==> flow/design.v <==
module my_addsub_n #(
   parameter DATA_WIDTH = 20
) (
   input  wire clk_i,
   input  wire [DATA_WIDTH-1:0] u,
   input  wire [DATA_WIDTH-1:0] v,
   output wire [DATA_WIDTH-1:0] result,
   output wire under
);
   reg [DATA_WIDTH-1:0] u_q;
   reg [DATA_WIDTH-1:0] v_q;
   localparam LW = DATA_WIDTH / 2;
   reg [LW:0] low_q;
   reg [DATA_WIDTH-LW-1:0] u_hi_q;
   reg [DATA_WIDTH-LW-1:0] v_hi_q;
   wire [DATA_WIDTH-LW:0] hi = u_hi_q - v_hi_q - low_q[LW];
   reg [DATA_WIDTH-1:0] result_q;
   assign result = result_q;
   reg under_q;
   assign under = under_q;
   always @(posedge clk_i) begin
      u_q <= u;
      v_q <= v;
      low_q <= u_q[LW-1:0] - v_q[LW-1:0];
      u_hi_q <= u_q[DATA_WIDTH-1:LW];
      v_hi_q <= v_q[DATA_WIDTH-1:LW];
      result_q <= {hi[DATA_WIDTH-LW-1:0], low_q[LW-1:0]};
      under_q <= hi[DATA_WIDTH-LW];
   end
endmodule
# == From RTL to reports: my_addsub_n ==
# Tool output for the design above, in the order of the flow.
# Lines are those of the file above, counted from 1.
# Library cell names are shortened.
# The mark - stands for no value.
# design
top_module,my_addsub_n
clock,clk_i
library,sky130hd
lib_corner,tt_025C_1v80

# == After elaboration ==
# Counts by Yosys on the flattened word-level netlist (proc, flatten, opt, wreduce; memories kept). Register bits leave out memories and registers merged into their read ports (data or address); mux counts leave out enables and synchronous resets folded into registers. Print and check cells are left out. Cells with the same type and inputs are merged into one.
# bits
ff_bits,92
output_inout_bits,21
in_bits,41
# classes
add_sub_neg,3
# op_table
operator,n
10-bit by 10-bit subtractor with 11-bit output,2
11-bit by 1-bit subtractor with 11-bit output,1

# == Depth ==
# Longest topological path by Yosys (ltp), each cell counted once; first at word level (registers and memories cut), then after technology mapping (sequential cells cut; the memories' decode and read muxes count).
# logic_depth
word_depth,2
ABC_AREA,0
depth_mapped,9
ltp_nobuf,9

# == After synthesis ==
# Source: synth_stat.txt of the flow (Yosys; design flattened, memories mapped). It holds for the ABC_AREA given above (unset counts as 0); a run with the other value may have another netlist.
# mapped
synth_area_um2,2949.1
mapped_cells,247
seq_area_um2,1841.8
buf_cells,0
ffs,92
# by_type
type,n,type_area_um2
dfxtp_1,92,1.84E+03
ha_1,28,350.336
inv_1,43,161.405
xnor2_1,10,87.584
a21oi_1,16,80.077
fa_1,3,60.058
xor2_1,6,52.55
o21ai_0,8,40.038
a21o_1,4,30.029
a2111oi_4,1,27.526
nor2_1,6,22.522
nand2_1,5,18.768
nor3_1,3,15.014
o31ai_1,2,15.014
nand2b_4,1,13.763
and3_1,2,12.512
nand4_1,2,12.512
nor2b_1,2,12.512
# Not listed: further types 11, cells in them 13.

# == Path before layout ==
# OpenSTA on the mapped netlist: ideal clock, no wires. The path of least setup slack (recovery checks aside). Input and output delay are each 20% of the period. Register names are those of the netlist, which keeps one name where synthesis merged equal registers.
# synth_timing
path_type,flip-flop to flip-flop
start,reg low_q[10]
end,reg under_q
delay_ns,2.243
stages,9
tclk_ns,2.8
setup_ns,0.072
t_required_ns,2.728
t_arrival_ns,2.171
setup_slack_ns,0.558
period_less_setup_slack_ns,2.242
# "delay_ns" is the arrival time less input delay plus setup time.
# "stages": output pins that drive a net of the path, with the launching flip-flop's if there is one; two outputs of one cell count as two.
# "period_less_setup_slack_ns" = period - worst setup slack (recovery checks aside). The figure is calculated, with input and output delays left at 20% of the set period.
# Between the ends stands the longest chain of elaborated cells between them, by number of cells; it is not shown to be the way that was timed. Of several equally long chains one is given.
# Each line given opens the expression or statement behind the cell; cells for indexed reads and writes are added by Yosys, which also makes memories of some case tables.
# synth_via
cell_sequence,dfxtp_1 inv_1 fa_1 fa_1 nand2b_4 a2111oi_4 o41ai_1 a21oi_1 xor2_1
elab_chain_len,1
# synth_rtl
item,line_no,rtl
"start, declared",13,reg [LW:0] low_q;
"start, assigned",24,low_q <= u_q[LW-1:0] - v_q[LW-1:0];
11-bit by 1-bit subtractor with 11-bit output,16,wire [DATA_WIDTH-LW:0] hi = u_hi_q - v_hi_q - low_q[LW];
"end, assigned",28,under_q <= hi[DATA_WIDTH-LW];
"end, declared",19,reg under_q;

# == Worst path after layout ==
# From the final timing report of run A: the path of least setup slack in the routed layout; clock arrival at registers is part of the times.
# layout_timing
path_type,flip-flop to flip-flop
start,reg low_q[10]
end,reg under_q
setup_ns,0.06
setup_slack_ns,1.54
stages,9
tclk_ns,3.97
t_required_ns,4.24
t_arrival_ns,2.70
# Between the ends stands the longest chain of elaborated cells between them, by number of cells; it is not shown to be the way that was timed. Of several equally long chains one is given.
# layout_via
cell_sequence,dfxtp_1 inv_1 fa_1 fa_1 nand2b_4 a2111oi_4 o41ai_1 a21oi_1 xor2_1
elab_chain_len,1
# layout_rtl
item,line_no,rtl
"start, declared",13,reg [LW:0] low_q;
"start, assigned",24,low_q <= u_q[LW-1:0] - v_q[LW-1:0];
11-bit by 1-bit subtractor with 11-bit output,16,wire [DATA_WIDTH-LW:0] hi = u_hi_q - v_hi_q - low_q[LW];
"end, assigned",28,under_q <= hi[DATA_WIDTH-LW];
"end, declared",19,reg under_q;

# Top module my_addsub_n; platform sky130hd; tools Yosys and OpenROAD; 3 stored runs in no particular order. Input and output delays are each 20% of the period that was set; the output load is 0.01 pF.
# "period_less_ws_ns": clock period set for the run, less the worst setup slack. It is reckoned from that one timing run; input and output delays stay at 20% of the period that was set.
# By "timing.worst_path_ns" is meant the share of the clock period that the worst setup path is allowed (20% is reserved at inputs, 20% at outputs), minus its slack. Clock arrival times at its registers enter into it.
# By "power_total_mw" is meant OpenSTA's value without simulated activity: inputs other than the clock are taken to toggle once in ten clock periods, and the tool carries that through the logic.
# Settings: - = not set for that run.
name,run A,run B,run C
period_ns,3.97,2.8,1.51
CORE_UTILIZATION,59,40,19
SETUP_SLACK_MARGIN,-0.25,-,0.4
PLACE_DENSITY,0.65,-,-
CORE_MARGIN,2,2,2
TNS_END_PERCENT,15,-,-
GPL_ROUTABILITY_DRIVEN,1,-,-
CAP_MARGIN,0,20,40
SLEW_MARGIN,20,20,35
PLACE_DENSITY_LB_ADDON,-,-,0.14
ABC_AREA,-,-,0
MIN_ROUTING_LAYER,-,-,met2
MAX_ROUTING_LAYER,-,-,met5
post_synth_area_um2,2949.1,2949.1,2949.1
final_die_area_um2,5580.1,8075.7,16534.1
final_cell_area_um2,3844.9,3906.2,4579.4
utilization_pct,80.3,54.1,30.1
worstSetupSlack_ns,1.541,0.355,-0.640
fin_tns_ns,0.000,0.000,-4.188
ws_hold_ns,0.323,0.323,0.321
power_total_mw,2.047,2.988,6.558
period_less_ws_ns,2.429,2.445,2.150
timing.worst_path_ns,2.43,2.45,2.15
path_kind,flip-flop to flip-flop,flip-flop to flip-flop,flip-flop to flip-flop
